==> flow/design.v <==
module mul_rtl #(
  parameter integer XLEN = 6,
  parameter integer W2 = 8
) (
  input  logic core_clk,
  input  logic rst,
  input  logic [XLEN-1:0] in_first,
  input  logic [W2-1:0] in_second,
  output logic [XLEN+W2-1:0] out_res
);
  always_ff @(posedge core_clk or posedge rst) begin
    if (rst) begin
      out_res <= 0;
    end else begin
      out_res <= in_first * in_second;
    end
  end
endmodule
* Reports on mul_rtl
A sweep over "XLEN": the same steps for each member of the family. The file above is the member XLEN 6. Line numbers count from 1 in each member's own file. Operators: Yosys type, input widths -> output width; for muxes data width and select width s. Library cell names are shortened. A cell with - has no value.
Set-up: design top mul_rtl, clock port core_clk, cell library sky130hd, corner tt_025C_1v80

* Members of the sweep
Lines of each other member's file that are new or changed against the file above; lines that a member lacks are not shown.
New or changed lines:
- XLEN 20 | line 2 | parameter integer XLEN = 20,
- XLEN 36 | line 2 | parameter integer XLEN = 36,
- XLEN 40 | line 2 | parameter integer XLEN = 40,
- XLEN 56 | line 2 | parameter integer XLEN = 56,

* Word-level counts
Yosys after proc, flatten, opt, wreduce and memory -nomap, before mapping. Enables and synchronous resets that opt folds into registers are not counted as muxes. Memory bits, and registers merged into a memory's read port (data or address), are not among the register bits. Print and check cells are not counted. Equal cells are merged and count once.
Operators by class (multiply operators):
- XLEN 6 | 1
- XLEN 20 | 1
- XLEN 36 | 1
- XLEN 40 | 1
- XLEN 56 | 1
Operators by type and width (kinds with counts):
- XLEN 6 | 1 x $mul 6x8->14
- XLEN 20 | 1 x $mul 20x8->28
- XLEN 36 | 1 x $mul 36x8->44
- XLEN 40 | 1 x $mul 40x8->48
- XLEN 56 | 1 x $mul 56x8->64
Storage and ports:
- XLEN 6 | input port bits 16, word-level cells 2, register bits 14
- XLEN 20 | input port bits 30, word-level cells 2, register bits 28
- XLEN 36 | input port bits 46, word-level cells 2, register bits 44
- XLEN 40 | input port bits 50, word-level cells 2, register bits 48
- XLEN 56 | input port bits 66, word-level cells 2, register bits 64

* Logic depth
Depth = most cells in a row (Yosys ltp): at word level without a register or memory, in the mapped netlist without a sequential cell, where the memories' decode and read muxes count.
Depth:
- XLEN 6 | word-level depth 1, ABC_AREA 0, mapped depth 12, gate-level depth less buffers 12
- XLEN 20 | word-level depth 1, ABC_AREA 0, mapped depth 18, gate-level depth less buffers 16
- XLEN 36 | word-level depth 1, ABC_AREA 0, mapped depth 19, gate-level depth less buffers 18
- XLEN 40 | word-level depth 1, ABC_AREA 0, mapped depth 20, gate-level depth less buffers 18
- XLEN 56 | word-level depth 1, ABC_AREA 0, mapped depth 21, gate-level depth less buffers 18

* After synthesis
The flow's flattened synthesis, as Yosys stat reports it; memories are mapped. The netlist is that of the ABC_AREA named above (0 if unset); the other value can give another one. The area totals of this step are shown rounded.
Cells by type (type and count):
- XLEN 6 | 25 x fa_1; 14 x dfrtp_1; 22 x ha_1; 24 x and2_1; 36 x inv_1; 26 x nand2_1; 5 x xnor2_1; 4 x xor2_1; 1 x a2111oi_4; 5 x a21oi_1; 5 x nor2_1; 2 x o2111ai_1; 1 x a21o_4; 1 x a211oi_2; 2 x and3_1; 1 x and3_4; 2 x nand3_1; 1 x a311oi_1; (+10)
- XLEN 20 | 108 x fa_1; 118 x and2_1; 28 x dfrtp_1; 48 x ha_1; 108 x inv_1; 61 x nand2_1; 29 x a21oi_1; 16 x xnor2_1; 20 x clkbuf_1; 7 x a21o_1; 12 x nor2_1; 5 x xor2_1; 8 x o21ai_0; 5 x nand4_1; 2 x a211oi_2; 5 x nand3_1; 3 x o21a_1; 4 x nor3_1; (+42)
- XLEN 36 | 204 x fa_1; 214 x and2_1; 44 x dfrtp_1; 64 x ha_1; 160 x inv_1; 106 x nand2_1; 26 x xnor2_1; 44 x a21oi_1; 20 x a21o_1; 39 x clkbuf_1; 26 x nor2_1; 10 x xor2_1; 9 x o21a_1; 12 x o21ai_0; 7 x a211oi_1; 7 x o21bai_1; 7 x and3_1; 7 x nand4_1; (+64)
- XLEN 40 | 228 x fa_1; 248 x and2_1; 48 x dfrtp_1; 68 x ha_1; 183 x inv_1; 109 x nand2_1; 51 x a21oi_1; 27 x xnor2_1; 31 x a21o_1; 39 x clkbuf_1; 10 x xor2_1; 10 x o21bai_1; 19 x nor2_1; 14 x o21ai_0; 2 x a2111oi_4; 11 x nor3_1; 8 x and3_1; 8 x nand4_1; (+81)
- XLEN 56 | 324 x fa_1; 378 x and2_1; 64 x dfrtp_1; 84 x ha_1; 245 x inv_1; 142 x nand2_1; 71 x a21oi_1; 33 x xnor2_1; 30 x a21o_1; 58 x clkbuf_1; 22 x xor2_1; 45 x nor2_1; 26 x o21ai_1; 24 x o21ai_0; 16 x nand4_1; 18 x buf_2; 18 x nor3_1; 11 x o21bai_1; (+125)
The mark (+n) counts cells that are not listed.
Mapped netlist:
- XLEN 6 | flip-flops 14, sequential part of the area 0.00035 mm2, cell area after synthesis 0.0018 mm2, mapped cells 187
- XLEN 20 | flip-flops 28, sequential part of the area 0.0007 mm2, cell area after synthesis 0.0058 mm2, mapped cells 629
- XLEN 36 | flip-flops 44, sequential part of the area 0.0011 mm2, cell area after synthesis 0.01 mm2, mapped cells 1070
- XLEN 40 | flip-flops 48, sequential part of the area 0.0012 mm2, cell area after synthesis 0.011 mm2, mapped cells 1195
- XLEN 56 | flip-flops 64, sequential part of the area 0.0016 mm2, cell area after synthesis 0.016 mm2, mapped cells 1734

* Worst setup path after synthesis
Path of least setup slack by OpenSTA after synthesis, without wires, with an ideal clock, recovery checks aside; 20% of the period is set as input and as output delay. Where synthesis merged equal registers, the netlist keeps one of their names.
Path post-synthesis:
- XLEN 6 | path kind input port to flip-flop, start input port in_second[1], end register out_res[11], stages 11, path slack 0.779 ns, path delay 3.101 ns, period 4.85 ns, synthesis period reached 4.071 ns
- XLEN 20 | path kind input port to flip-flop, start input port in_second[2], end register out_res[23], stages 16, path slack 1.011 ns, path delay 4.037 ns, period 6.31 ns, synthesis period reached 5.299 ns
- XLEN 36 | path kind input port to flip-flop, start input port in_second[2], end register out_res[39], stages 17, path slack 1.141 ns, path delay 4.563 ns, period 7.13 ns, synthesis period reached 5.989 ns
- XLEN 40 | path kind input port to flip-flop, start input port in_second[2], end register out_res[32], stages 17, path slack 1.088 ns, path delay 4.344 ns, period 6.79 ns, synthesis period reached 5.702 ns
- XLEN 56 | path kind input port to flip-flop, start input port in_second[2], end register out_res[51], stages 19, path slack 1.117 ns, path delay 4.467 ns, period 6.98 ns, synthesis period reached 5.863 ns
"path delay" is the arrival time less input delay plus setup time. "stages": output pins that drive a net of the path, with the launching flip-flop's if there is one; two outputs of one cell count as two. "synthesis period reached" is the clock period less the worst setup slack; recovery checks do not enter. This is arithmetic on one report: input and output delays are still those of the set period (20% each). The rows between start and end are the longest chain of elaborated cells between them; the timing report does not say that the signal goes this way. Where chains are equally long, one stands for them. A line is the first line of the expression or statement that the cell stems from. Yosys adds cells for indexed reads and writes and turns some case tables into memories.
Between the ends, post-synthesis, XLEN 6: cells in the longest elaborated chain 1
RTL lines, path post-synthesis, XLEN 6:
- from (decl) | line 8 | input  logic [W2-1:0] in_second,
- $mul 6x8->14 | line 15 | out_res <= in_first * in_second;
- to (assign) | line 13 | out_res <= 0;
- to (assign) | line 15
- to (decl) | line 9 | output logic [XLEN+W2-1:0] out_res
Between the ends, post-synthesis, XLEN 56: cells in the longest elaborated chain 1
RTL lines, path post-synthesis, XLEN 56:
- from (decl) | line 8 | input  logic [W2-1:0] in_second,
- $mul 56x8->64 | line 15 | out_res <= in_first * in_second;
- to (assign) | line 13 | out_res <= 0;
- to (assign) | line 15
- to (decl) | line 9 | output logic [XLEN+W2-1:0] out_res

* Path in the finished layout
Path of least setup slack in the final report of each member's run (OpenROAD, finished layout, wires in). Where an end is a register, its clock arrival counts in the times.
Path after layout:
- XLEN 6 | path kind input port to flip-flop, start input port in_first[5], end register out_res[11], path slack 0.32 ns, arrival time 4.66 ns, stages 12, period 4.85 ns, buffers on the path 1
- XLEN 20 | path kind input port to flip-flop, start input port in_second[3], end register out_res[26], path slack 0.28 ns, arrival time 6.21 ns, stages 13, period 6.31 ns, buffers on the path 2
- XLEN 36 | path kind input port to flip-flop, start input port in_second[4], end register out_res[42], path slack 0.27 ns, arrival time 7.06 ns, stages 16, period 7.13 ns, buffers on the path 2
- XLEN 40 | path kind input port to flip-flop, start input port in_second[5], end register out_res[42], path slack 0.36 ns, arrival time 6.62 ns, stages 16, period 6.79 ns, buffers on the path 2
- XLEN 56 | path kind input port to flip-flop, start input port in_first[19], end register out_res[62], path slack 0.59 ns, arrival time 6.63 ns, stages 18, period 6.98 ns, buffers on the path 2

* Flow runs
One run of the flow (Yosys, OpenROAD) for each member, with settings and measured results. Input and output delays are each 20% of the period that was set; the output load is 0.01 pF.
Settings: CAP_MARGIN 20, CORE_MARGIN 2, CORE_UTILIZATION 40, SLEW_MARGIN 20
Settings that differ (period_ns):
- XLEN 6 | 4.85
- XLEN 20 | 6.31
- XLEN 36 | 7.13
- XLEN 40 | 6.79
- XLEN 56 | 6.98
Results:
- XLEN 6 | total power after layout 0.00078 W, chip area in the Yosys report 0.0018 mm2, total negative setup slack 0.000 ns, clock period achieved 4.533 ns, standard-cell area of the final layout 0.0022 mm2, total die area 0.0051 mm2, worst setup slack after layout 0.32 ns, post-route utilization 0.51
- XLEN 20 | total power after layout 0.0027 W, chip area in the Yosys report 0.0058 mm2, total negative setup slack 0.000 ns, clock period achieved 6.026 ns, standard-cell area of the final layout 0.0067 mm2, total die area 0.016 mm2, worst setup slack after layout 0.28 ns, post-route utilization 0.47
- XLEN 36 | total power after layout 0.0045 W, chip area in the Yosys report 0.01 mm2, total negative setup slack 0.000 ns, clock period achieved 6.862 ns, standard-cell area of the final layout 0.012 mm2, total die area 0.026 mm2, worst setup slack after layout 0.27 ns, post-route utilization 0.46
- XLEN 40 | total power after layout 0.0055 W, chip area in the Yosys report 0.011 mm2, total negative setup slack 0.000 ns, clock period achieved 6.425 ns, standard-cell area of the final layout 0.013 mm2, total die area 0.03 mm2, worst setup slack after layout 0.36 ns, post-route utilization 0.47
- XLEN 56 | total power after layout 0.0081 W, chip area in the Yosys report 0.016 mm2, total negative setup slack 0.000 ns, clock period achieved 6.390 ns, standard-cell area of the final layout 0.018 mm2, total die area 0.042 mm2, worst setup slack after layout 0.59 ns, post-route utilization 0.46
"clock period achieved" = clock period - worst setup slack. The figure is calculated, with input and output delays left at 20% of the set period. "total power after layout": no workload was simulated; the value follows from the tool's default switching activity. The results are shown rounded.
